==> flow/design.v <==
module sync_alu_arith #(
  parameter WIDTH = 56
) (
  input  logic core_clk,
  input  logic rstn,
  input  logic [WIDTH-1:0] da,
  input  logic [WIDTH-1:0] db,
  input  logic minus,
  output logic [WIDTH-1:0] d
);
  logic [WIDTH-1:0] r;
  always_comb begin
    if (minus)
      r = da - db;
    else
      r = da + db;
  end
  logic [WIDTH-1:0] r_d;
  always_ff @(posedge core_clk) begin
    if (~rstn) begin
      r_d <= '0;
    end else begin
      r_d <= r;
    end
  end
  assign d = r_d;
endmodule
## Tool chain data of sync_alu_arith

Tool output for the design above, in the order of the flow.
Line numbers count from 1 in the design file above.
Operators: Yosys type, input widths -> output width; for muxes data width and select width s.
Not given: n/a

- Top module: sync_alu_arith
- Clock input: core_clk
- Standard-cell library: sky130hd
- Corner: tt_025C_1v80

## After elaboration

Yosys after proc, flatten, opt, wreduce and memory -nomap, before mapping. Enables and synchronous resets that opt folds into registers are not counted as muxes. Memory bits, and registers merged into a memory's read port (data or address), are not among the register bits. Print and check cells are not counted. Equal cells are merged and count once.

- Cells after elaboration: 4
- Register bits: 56
- Output and inout bits: 56

- $add $sub $neg: 2
- Muxes and demuxes: 1

Operators by type and width:

| cell | count |
|---|---|
| $add 56x56->56 | 1 |
| $sub 56x56->56 | 1 |
| $mux 56 | 1 |

## Logic depth

Yosys ltp: most cells in a row. Word level: on the elaborated netlist, between registers, memories and ports. Mapped: between sequential cells and ports; inverters and the memories' decode and read muxes count.

- Depth in word-level cells: 2
- ABC_AREA: 0
- Mapped depth: 20
- Mapped depth without buffers: 19

## Synthesis result

Yosys stat after the flow's synthesis: flattened, memories mapped to cells. It holds for the ABC_AREA given above (unset counts as 0); a run with the other value may have another netlist.

- Cell area after synthesis: 0.0060546 mm²
- Buffer cells: 45
- Flip-flops: 56
- Mapped cells: 801

Cells by type:

| cell type | count | area in all (µm²) |
|---|---|---|
| sky130_fd_sc_hd__dfxtp_1 | 56 | 1.12E+03 |
| sky130_fd_sc_hd__ha_1 | 56 | 700.672 |
| sky130_fd_sc_hd__xnor2_1 | 77 | 674.397 |
| sky130_fd_sc_hd__a21oi_1 | 85 | 425.408 |
| sky130_fd_sc_hd__nor2_1 | 110 | 412.896 |
| sky130_fd_sc_hd__xor2_1 | 26 | 227.718 |
| sky130_fd_sc_hd__a21o_1 | 24 | 180.173 |
| sky130_fd_sc_hd__nand2_1 | 48 | 180.173 |
| sky130_fd_sc_hd__nand4_1 | 24 | 150.144 |
| sky130_fd_sc_hd__o21bai_1 | 16 | 120.115 |
| sky130_fd_sc_hd__nor3_1 | 22 | 110.106 |
| sky130_fd_sc_hd__clkbuf_1 | 28 | 105.101 |
| sky130_fd_sc_hd__o21ai_0 | 21 | 105.101 |
| sky130_fd_sc_hd__inv_1 | 25 | 93.84 |
| sky130_fd_sc_hd__a221oi_2 | 6 | 90.086 |
| sky130_fd_sc_hd__a31oi_1 | 12 | 75.072 |
| sky130_fd_sc_hd__buf_2 | 15 | 75.072 |
| sky130_fd_sc_hd__nor4_1 | 11 | 68.816 |

Not listed: further types 52, cells in them 139.

## Worst setup path after synthesis

OpenSTA on the mapped netlist: ideal clock, no wires. The path of least setup slack (recovery checks aside). Input and output delay are each 20% of the period. Register names are those of the netlist, which keeps one name where synthesis merged equal registers.

- Path kind: input to register
- Start: input db[11]
- End: register r_d[52]
- Slack: 0.955 ns
- Stages on the path: 19
- Period: 5.95 ns
- Data arrival time: 4.923 ns
- Launch time at the first pin: 1.190 ns
- Data required time: 5.878 ns
- Input delay: 1.190 ns
- Path delay: 3.805 ns
- Synthesis period reached: 4.995 ns

"path delay" = arrival - input delay + setup time.
"stages on the path" counts driving pins, that of a launching flip-flop among them; a cell with two outputs on the path counts twice.
"synthesis period reached" = period - worst setup slack (recovery checks aside). The figure is calculated, with input and output delays left at 20% of the set period.
The rows between start and end are the longest chain of elaborated cells between them; the timing report does not say that the signal goes this way. Where chains are equally long, one stands for them.
A line is the first line of the expression or statement that the cell stems from. Yosys adds cells for indexed reads and writes and turns some case tables into memories.

- Cell sequence: sky130_fd_sc_hd__or4_4 sky130_fd_sc_hd__nor4_4 sky130_fd_sc_hd__nand4b_4 sky130_fd_sc_hd__nor3_2 sky130_fd_sc_hd__and2_1 sky130_fd_sc_hd__nor2b_1 sky130_fd_sc_hd__a21oi_1 sky130_fd_sc_hd__xnor2_1 sky130_fd_sc_hd__ha_1 sky130_fd_sc_hd__buf_2 sky130_fd_sc_hd__a21o_1 sky130_fd_sc_hd__a21o_1 sky130_fd_sc_hd__a221oi_2 sky130_fd_sc_hd__o221a_2 sky130_fd_sc_hd__o31ai_1 sky130_fd_sc_hd__nor2_1 sky130_fd_sc_hd__o21ai_1 sky130_fd_sc_hd__a221oi_2 sky130_fd_sc_hd__mux2i_1
- Cells in the longest elaborated chain: 2

RTL lines, path after synthesis:

| item | line | RTL |
|---|---|---|
| start: declaration | 7 | `input  logic [WIDTH-1:0] db,` |
| $add 56x56->56 | 16 | `r = da + db;` |
| $mux 56 | 13 | `if (minus)` |
| end: assignment | 21 | `r_d <= '0;` |
| end: assignment | 23 | `r_d <= r;` |
| end: declaration | 18 | `logic [WIDTH-1:0] r_d;` |

## Worst path after layout

Path of least setup slack in the final report of run 1 (OpenROAD, finished layout, wires in). Where an end is a register, its clock arrival counts in the times.

- Path kind: input to register
- Start: input db[11]
- End: register r_d[52]
- Data arrival time: 5.82 ns
- Input delay: 1.19 ns
- Period: 5.95 ns
- Slack: 0.38 ns
- Launch time at the first pin: 1.19 ns
- Stages on the path: 19
- Data required time: 6.20 ns

The rows between start and end are the longest chain of elaborated cells between them; the timing report does not say that the signal goes this way. Where chains are equally long, one stands for them.

- Cell sequence: sky130_fd_sc_hd__clkdlybuf4s50_1 sky130_fd_sc_hd__or4_4 sky130_fd_sc_hd__nor4_4 sky130_fd_sc_hd__nand4b_4 sky130_fd_sc_hd__nor3_2 sky130_fd_sc_hd__and2_1 sky130_fd_sc_hd__nor2b_1 sky130_fd_sc_hd__nor2_1 sky130_fd_sc_hd__xnor2_1 sky130_fd_sc_hd__ha_1 sky130_fd_sc_hd__a21oi_1 sky130_fd_sc_hd__o21ai_1 sky130_fd_sc_hd__a221oi_2 sky130_fd_sc_hd__o221a_2 sky130_fd_sc_hd__o31ai_1 sky130_fd_sc_hd__nor2_1 sky130_fd_sc_hd__o21ai_1 sky130_fd_sc_hd__a221oi_2 sky130_fd_sc_hd__mux2i_1
- Cells in the longest elaborated chain: 2

RTL lines, path after layout:

| item | line | RTL |
|---|---|---|
| start: declaration | 7 | `input  logic [WIDTH-1:0] db,` |
| $add 56x56->56 | 16 | `r = da + db;` |
| $mux 56 | 13 | `if (minus)` |
| end: assignment | 21 | `r_d <= '0;` |
| end: assignment | 23 | `r_d <= r;` |
| end: declaration | 18 | `logic [WIDTH-1:0] r_d;` |

## Implementation results

Design sync_alu_arith on sky130hd. What follows are 3 stored runs of the flow, each under its own settings; their order means nothing. The constraints put input and output delay at 20% of the set period each and load the outputs with 0.01 pF.
"achieved period" means the clock period less the worst setup slack. The figure is calculated, with input and output delays left at 20% of the set period.
"time on the worst setup path": the worst setup path's part of the clock period (all of it between registers, 20% less for each end at a port) less its slack. A launch clock that arrives late makes it longer, a capture clock that arrives late makes it shorter.
"power consumption" rests on the timing tool's default activity at the inputs, not on a simulated workload.

### Run 1

==> flow/run.sh <==
#!/bin/bash
# the make line also repeats the synthesis and layout settings of config.mk as NAME=value (left out here)
make -C /OpenROAD-flow-scripts/flow DESIGN_CONFIG=/design/flow/config.mk WORK_HOME=/design/flow/orfs CLKGATE_MAP_FILE= finish
==> flow/config.mk <==
export PLATFORM = sky130hd
export DESIGN_NAME = sync_alu_arith
export DESIGN_NICKNAME = sync_alu_arith
export VERILOG_FILES = /design/flow/design.v
export SDC_FILE = /design/flow/constraint.sdc
export NUM_CORES = 4
export LEC_CHECK = 0
export CAP_MARGIN = 20
export CORE_MARGIN = 2
export CORE_UTILIZATION = 40
export SLEW_MARGIN = 20
==> flow/constraint.sdc <==
create_clock -name core_clock -period 5.95 [get_ports {core_clk}]
set_input_delay 1.1900 -clock core_clock [delete_from_list [all_inputs] [get_ports {core_clk}]]
set_output_delay 1.1900 -clock core_clock [all_outputs]
set_load 0.01 [all_outputs]

Results of run 1:
- Achieved period: 5.571 ns
- Full die area: 0.0161366 mm²
- Post-layout utilization: 56.5%
- Total negative setup slack: 0.000 ns
- Power consumption: 1.876 mW
- Time on the worst setup path: 4.38 ns
- Critical path kind: input to register
- Area of the standard cells in the finished layout: 0.0082729 mm²
- Yosys chip area after synthesis: 0.0060546 mm²
- Worst setup slack after layout: 0.379 ns

### Run 2

==> flow/run.sh <==
#!/bin/bash
# the make line also repeats the synthesis and layout settings of config.mk as NAME=value (left out here)
make -C /OpenROAD-flow-scripts/flow DESIGN_CONFIG=/design/flow/config.mk WORK_HOME=/design/flow/orfs CLKGATE_MAP_FILE= finish
==> flow/config.mk <==
export PLATFORM = sky130hd
export DESIGN_NAME = sync_alu_arith
export DESIGN_NICKNAME = sync_alu_arith
export VERILOG_FILES = /design/flow/design.v
export SDC_FILE = /design/flow/constraint.sdc
export NUM_CORES = 4
export LEC_CHECK = 0
export ABC_AREA = 1
export CAP_MARGIN = 25
export CELL_PAD_IN_SITES_GLOBAL_PLACEMENT = 2
export CORE_MARGIN = 8
export CORE_UTILIZATION = 42
export CTS_CLUSTER_SIZE = 92
export GPL_ROUTABILITY_DRIVEN = 1
export HOLD_SLACK_MARGIN = 0.27
export PLACE_DENSITY_LB_ADDON = 0.18
export SETUP_SLACK_MARGIN = 0.9
export SLEW_MARGIN = 20
export TNS_END_PERCENT = 5
==> flow/constraint.sdc <==
create_clock -name core_clock -period 9.2 [get_ports {core_clk}]
set_input_delay 1.8400 -clock core_clock [delete_from_list [all_inputs] [get_ports {core_clk}]]
set_output_delay 1.8400 -clock core_clock [all_outputs]
set_load 0.01 [all_outputs]

Outcome of run 2: incomplete, placement halted on FLW-0024

### Run 3

==> flow/run.sh <==
#!/bin/bash
# the make line also repeats the synthesis and layout settings of config.mk as NAME=value (left out here)
make -C /OpenROAD-flow-scripts/flow DESIGN_CONFIG=/design/flow/config.mk WORK_HOME=/design/flow/orfs CLKGATE_MAP_FILE= finish
==> flow/config.mk <==
export PLATFORM = sky130hd
export DESIGN_NAME = sync_alu_arith
export DESIGN_NICKNAME = sync_alu_arith
export VERILOG_FILES = /design/flow/design.v
export SDC_FILE = /design/flow/constraint.sdc
export NUM_CORES = 4
export LEC_CHECK = 0
export ABC_AREA = 0
export CAP_MARGIN = 20
export CELL_PAD_IN_SITES_GLOBAL_PLACEMENT = 2
export CORE_MARGIN = 2
export CORE_UTILIZATION = 69
export HOLD_SLACK_MARGIN = 0.06
export PLACE_DENSITY = 0.58
export SETUP_SLACK_MARGIN = -0.07
export SLEW_MARGIN = 40
==> flow/constraint.sdc <==
create_clock -name core_clock -period 2.99 [get_ports {core_clk}]
set_input_delay 0.5980 -clock core_clock [delete_from_list [all_inputs] [get_ports {core_clk}]]
set_output_delay 0.5980 -clock core_clock [all_outputs]
set_load 0.01 [all_outputs]

Outcome of run 3: incomplete, placement halted on GPL-0301
